==> flow/design.v <==
module my_arith_stage #(
  parameter integer DW = 112
) (
  input core_clk,
  input nrst,
  input [DW-1:0] src1_i,
  input [DW-1:0] src2_i,
  input minus_i,
  output [DW:0] result_o
);
  reg [DW-1:0] src1_q;
  always @(posedge core_clk) begin
    if (!nrst) begin
      src1_q <= 0;
    end else begin
      src1_q <= src1_i;
    end
  end
  reg [DW-1:0] src2_q;
  always @(posedge core_clk) begin
    if (!nrst) begin
      src2_q <= 0;
    end else begin
      src2_q <= src2_i;
    end
  end
  reg minus_q;
  always @(posedge core_clk) begin
    if (!nrst) begin
      minus_q <= 1'b0;
    end else begin
      minus_q <= minus_i;
    end
  end
  reg [DW:0] t_q;
  always @(posedge core_clk) begin
    if (!nrst) begin
      t_q <= 0;
    end else begin
      t_q <= src1_q + src2_q;
    end
  end
  reg [DW:0] aux_q;
  always @(posedge core_clk) begin
    if (!nrst) begin
      aux_q <= 0;
    end else begin
      aux_q <= src1_q - src2_q;
    end
  end
  reg minus_q_d;
  always @(posedge core_clk) begin
    if (!nrst) begin
      minus_q_d <= 1'b0;
    end else begin
      minus_q_d <= minus_q;
    end
  end
  reg [DW:0] result_q;
  always @(posedge core_clk) begin
    if (!nrst) begin
      result_q <= 0;
    end else begin
      result_q <= minus_q_d ? aux_q : t_q;
    end
  end
  assign result_o = result_q;
endmodule
== From RTL to reports: my_arith_stage ==
The steps from the RTL of my_arith_stage to its reports follow in flow order.
Lines are those of the file above, counted from 1.
Operators: Yosys type, input widths -> output width; for muxes data width and select width s.
Library cell names are shortened.
A cell with -- has no value.

* Top: my_arith_stage
* Clock port: core_clk
* Standard-cell library: sky130hd
* Library corner: tt_025C_1v80

== Elaborated design ==
Yosys after proc, flatten, opt, wreduce and memory -nomap, before mapping. Enables and synchronous resets that opt folds into registers are not counted as muxes. Memory bits, and registers merged into a memory's read port (data or address), are not among the register bits. Print and check cells are not counted. Equal cells are merged and count once.

* Add/subtract/negate cells: 2
* Mux-type cells: 1

{| class="wikitable"
|+ Operators by type and width
! kind !! number
|-
| $add 112x112->113 || 1
|-
| $sub 112x112->113 || 1
|-
| $mux 113 || 1
|}

* Register bits: 565
* Input bits: 227
* Output and inout port bits: 113
* Word-level cells: 10

== Logic depth ==
Longest topological path by Yosys (ltp), each cell counted once; first at word level (registers and memories cut), then after technology mapping (sequential cells cut; the memories' decode and read muxes count).

* Depth after elaboration: 1
* ABC_AREA: 0
* Gate-level depth with buffers: 17
* Mapped depth without buffers: 16

== Mapped cells and area ==
Yosys stat after the flow's synthesis: flattened, memories mapped to cells. It holds for the ABC_AREA given above (unset counts as 0); a run with the other value may have another netlist.

{| class="wikitable"
|+ Cell types
! cell type !! number !! total area (µm²)
|-
| dfxtp_1 || 564 || 1.13E+04
|-
| ha_1 || 224 || 2.8E+03
|-
| nor2_1 || 533 || 2E+03
|-
| xnor2_1 || 199 || 1.74E+03
|-
| a21oi_1 || 323 || 1616.55
|-
| and2_1 || 243 || 1.52E+03
|-
| mux2i_1 || 114 || 1.14E+03
|-
| inv_1 || 240 || 900.864
|-
| o21ai_0 || 130 || 650.624
|-
| nand2_1 || 144 || 540.518
|-
| o21bai_1 || 66 || 495.475
|-
| clkbuf_1 || 119 || 446.678
|-
| o31ai_1 || 52 || 390.374
|-
| nand4_1 || 61 || 381.616
|-
| nor4_1 || 53 || 331.568
|-
| a21o_1 || 41 || 307.795
|-
| nor3_1 || 59 || 295.283
|-
| o21a_1 || 27 || 202.694
|}

Not listed: further types 81, cells in them 422.

* Standard cells after synthesis: 3614
* Synthesis area: 30249.0 µm²
* Sequential area: 11290.8 µm²
* Mapped flip-flops: 564
* Buffers: 180

== Path before layout ==
Path of least setup slack by OpenSTA after synthesis, without wires, with an ideal clock, recovery checks aside; 20% of the period is set as input and as output delay. Where synthesis merged equal registers, the netlist keeps one of their names.

* Path type: register -> register
* Start: register src1_q[0]
* End: register aux_q[110]
* Clock period: 4150 ps
* Library setup time: 128 ps
* Launch time at the first pin: 0 ps
* Arrival time: 3188 ps
* Required time: 4022 ps
* Slack: 834 ps
* Path delay: 3316 ps
* Driving pins on the path: 17
* Path buffers: 0
* Synthesis period reached: 3316 ps

"path delay" = arrival - input delay + setup time.
"driving pins on the path": output pins that drive a net of the path, with the launching flip-flop's if there is one; two outputs of one cell count as two.
"synthesis period reached" = period - worst setup slack (recovery checks aside). The figure is calculated, with input and output delays left at 20% of the set period.
The rows between start and end are the longest chain of elaborated cells between them; the timing report does not say that the signal goes this way. Where chains are equally long, one stands for them.
Each line given opens the expression or statement behind the cell; cells for indexed reads and writes are added by Yosys, which also makes memories of some case tables.

* Path through: dfxtp_1 inv_1 ha_1 fa_1 nand2b_1 a21oi_1 o41ai_4 o21ai_2 a211oi_1 o2111ai_2 a311oi_2 o41ai_2 nor4b_4 nor2_2 o31ai_4 xnor2_1 nor2_1
* Cells in the longest elaborated chain: 1
* Elaborated cells on any way between the ends: 1
* RTL lines with such cells: 1
* Classes of those cells: add/sub (1)

{| class="wikitable"
|+ Ends and longest elaborated chain, after synthesis
! what !! RTL line !! source
|-
| start: declaration || 11 || <nowiki>reg [DW-1:0] src1_q;</nowiki>
|-
| start: assignment || 14 || <nowiki>src1_q <= 0;</nowiki>
|-
| start: assignment || 16 || <nowiki>src1_q <= src1_i;</nowiki>
|-
| $sub 112x112->113 || 48 || <nowiki>aux_q <= src1_q - src2_q;</nowiki>
|-
| end: assignment || 46 || <nowiki>aux_q <= 0;</nowiki>
|-
| end: assignment || 48 ||
|-
| end: declaration || 43 || <nowiki>reg [DW:0] aux_q;</nowiki>
|}

== Worst path after layout ==
From the final timing report of stored run 2: the path of least setup slack in the routed layout; clock arrival at registers is part of the times.
The path's times are printed in steps of 10 ps; the period is the one set.

* Path type: register -> register
* Start: register src2_q[15]
* End: register aux_q[110]
* Clock period: 3080 ps
* Library setup time: 90 ps
* Launch time at the first pin: 620 ps
* Arrival time: 4470 ps
* Required time: 3610 ps
* Slack: -850 ps
* Driving pins on the path: 17
* Path buffers: 1

The rows between start and end are the longest chain of elaborated cells between them; the timing report does not say that the signal goes this way. Where chains are equally long, one stands for them.

* Path through: dfxtp_2 inv_1 ha_2 a21oi_1 o21ai_0 a21oi_1 o21ai_1 buf_4 a211oi_4 o2111ai_4 a311oi_4 o41ai_2 nor4b_4 nor2_4 o31ai_4 xnor2_1 nor2_1
* Cells in the longest elaborated chain: 1
* Elaborated cells on any way between the ends: 1
* RTL lines with such cells: 1
* Classes of those cells: add/sub (1)

{| class="wikitable"
|+ Ends and longest elaborated chain, after layout
! what !! RTL line !! source
|-
| start: declaration || 19 || <nowiki>reg [DW-1:0] src2_q;</nowiki>
|-
| start: assignment || 22 || <nowiki>src2_q <= 0;</nowiki>
|-
| start: assignment || 24 || <nowiki>src2_q <= src2_i;</nowiki>
|-
| $sub 112x112->113 || 48 || <nowiki>aux_q <= src1_q - src2_q;</nowiki>
|-
| end: assignment || 46 || <nowiki>aux_q <= 0;</nowiki>
|-
| end: assignment || 48 ||
|-
| end: declaration || 43 || <nowiki>reg [DW:0] aux_q;</nowiki>
|}

Below are 3 stored runs of the flow (Yosys, OpenROAD; platform sky130hd) on my_arith_stage, each with its settings and what was measured, unordered. Constraints: input delay and output delay 20% of the set period each, output load 0.01 pF.
"clock period reached" means the clock period less the worst setup slack. The figure is calculated, with input and output delays left at 20% of the set period.
"critical setup path time": the worst setup path's part of the clock period (all of it between registers, 20% less for each end at a port) less its slack. A launch clock that arrives late makes it longer, a capture clock that arrives late makes it shorter.
"total power of the final layout": no workload was simulated; the value follows from the tool's default switching activity.
"critical setup path time" is known to 10 ps.

=== Stored run 1 ===
{| class="wikitable"
! Setting !! Value
|-
| period_ns || 2.25
|-
| CORE_UTILIZATION || 69
|-
| SETUP_SLACK_MARGIN || 0.06
|-
| PLACE_DENSITY_LB_ADDON || 0.07
|-
| TNS_END_PERCENT || 10
|-
| ABC_AREA || 0
|-
| MAX_ROUTING_LAYER || met5
|-
| CAP_MARGIN || 20
|-
| CORE_MARGIN || 2
|-
| SLEW_MARGIN || 20
|}
Did not finish, clock tree synthesis stopped with DPL-0038.

=== Stored run 2 ===
{| class="wikitable"
! Setting !! Value
|-
| period_ns || 3.08
|-
| CORE_UTILIZATION || 55
|-
| PLACE_DENSITY || 0.47
|-
| CELL_PAD_IN_SITES_GLOBAL_PLACEMENT || 1
|-
| ABC_AREA || 0
|-
| GPL_TIMING_DRIVEN || 1
|-
| CTS_CLUSTER_SIZE || 88
|-
| CTS_CLUSTER_DIAMETER || 112
|-
| CAP_MARGIN || 20
|-
| CORE_MARGIN || 2
|-
| SLEW_MARGIN || 20
|-
! Result !! Value
|-
| Critical setup path time || 3930 ps
|-
| Worst setup path type || register -> register
|-
| Final setup TNS || -61469 ps
|-
| Utilization after layout || 81.9%
|-
| Worst setup slack after layout || -852 ps
|-
| Final worst hold slack || 447 ps
|-
| Clock period reached || 3932 ps
|-
| Total power of the final layout || 18.987 mW
|-
| Synthesis area || 30249.0 µm²
|-
| Std-cell area (final layout) || 44323.8 µm²
|-
| Die outline area || 56889.4 µm²
|}

=== Stored run 3 ===
{| class="wikitable"
! Setting !! Value
|-
| period_ns || 4.15
|-
| CAP_MARGIN || 20
|-
| CORE_MARGIN || 2
|-
| CORE_UTILIZATION || 40
|-
| SLEW_MARGIN || 20
|-
! Result !! Value
|-
| Critical setup path time || 4070 ps
|-
| Worst setup path type || register -> register
|-
| Final worst hold slack || 445 ps
|-
| Worst setup slack after layout || 83 ps
|-
| Utilization after layout || 50.6%
|-
| Final setup TNS || 0 ps
|-
| Total power of the final layout || 15.463 mW
|-
| Std-cell area (final layout) || 37795.0 µm²
|-
| Synthesis area || 30249.0 µm²
|-
| Clock period reached || 4067 ps
|-
| Die outline area || 77838.2 µm²
|}
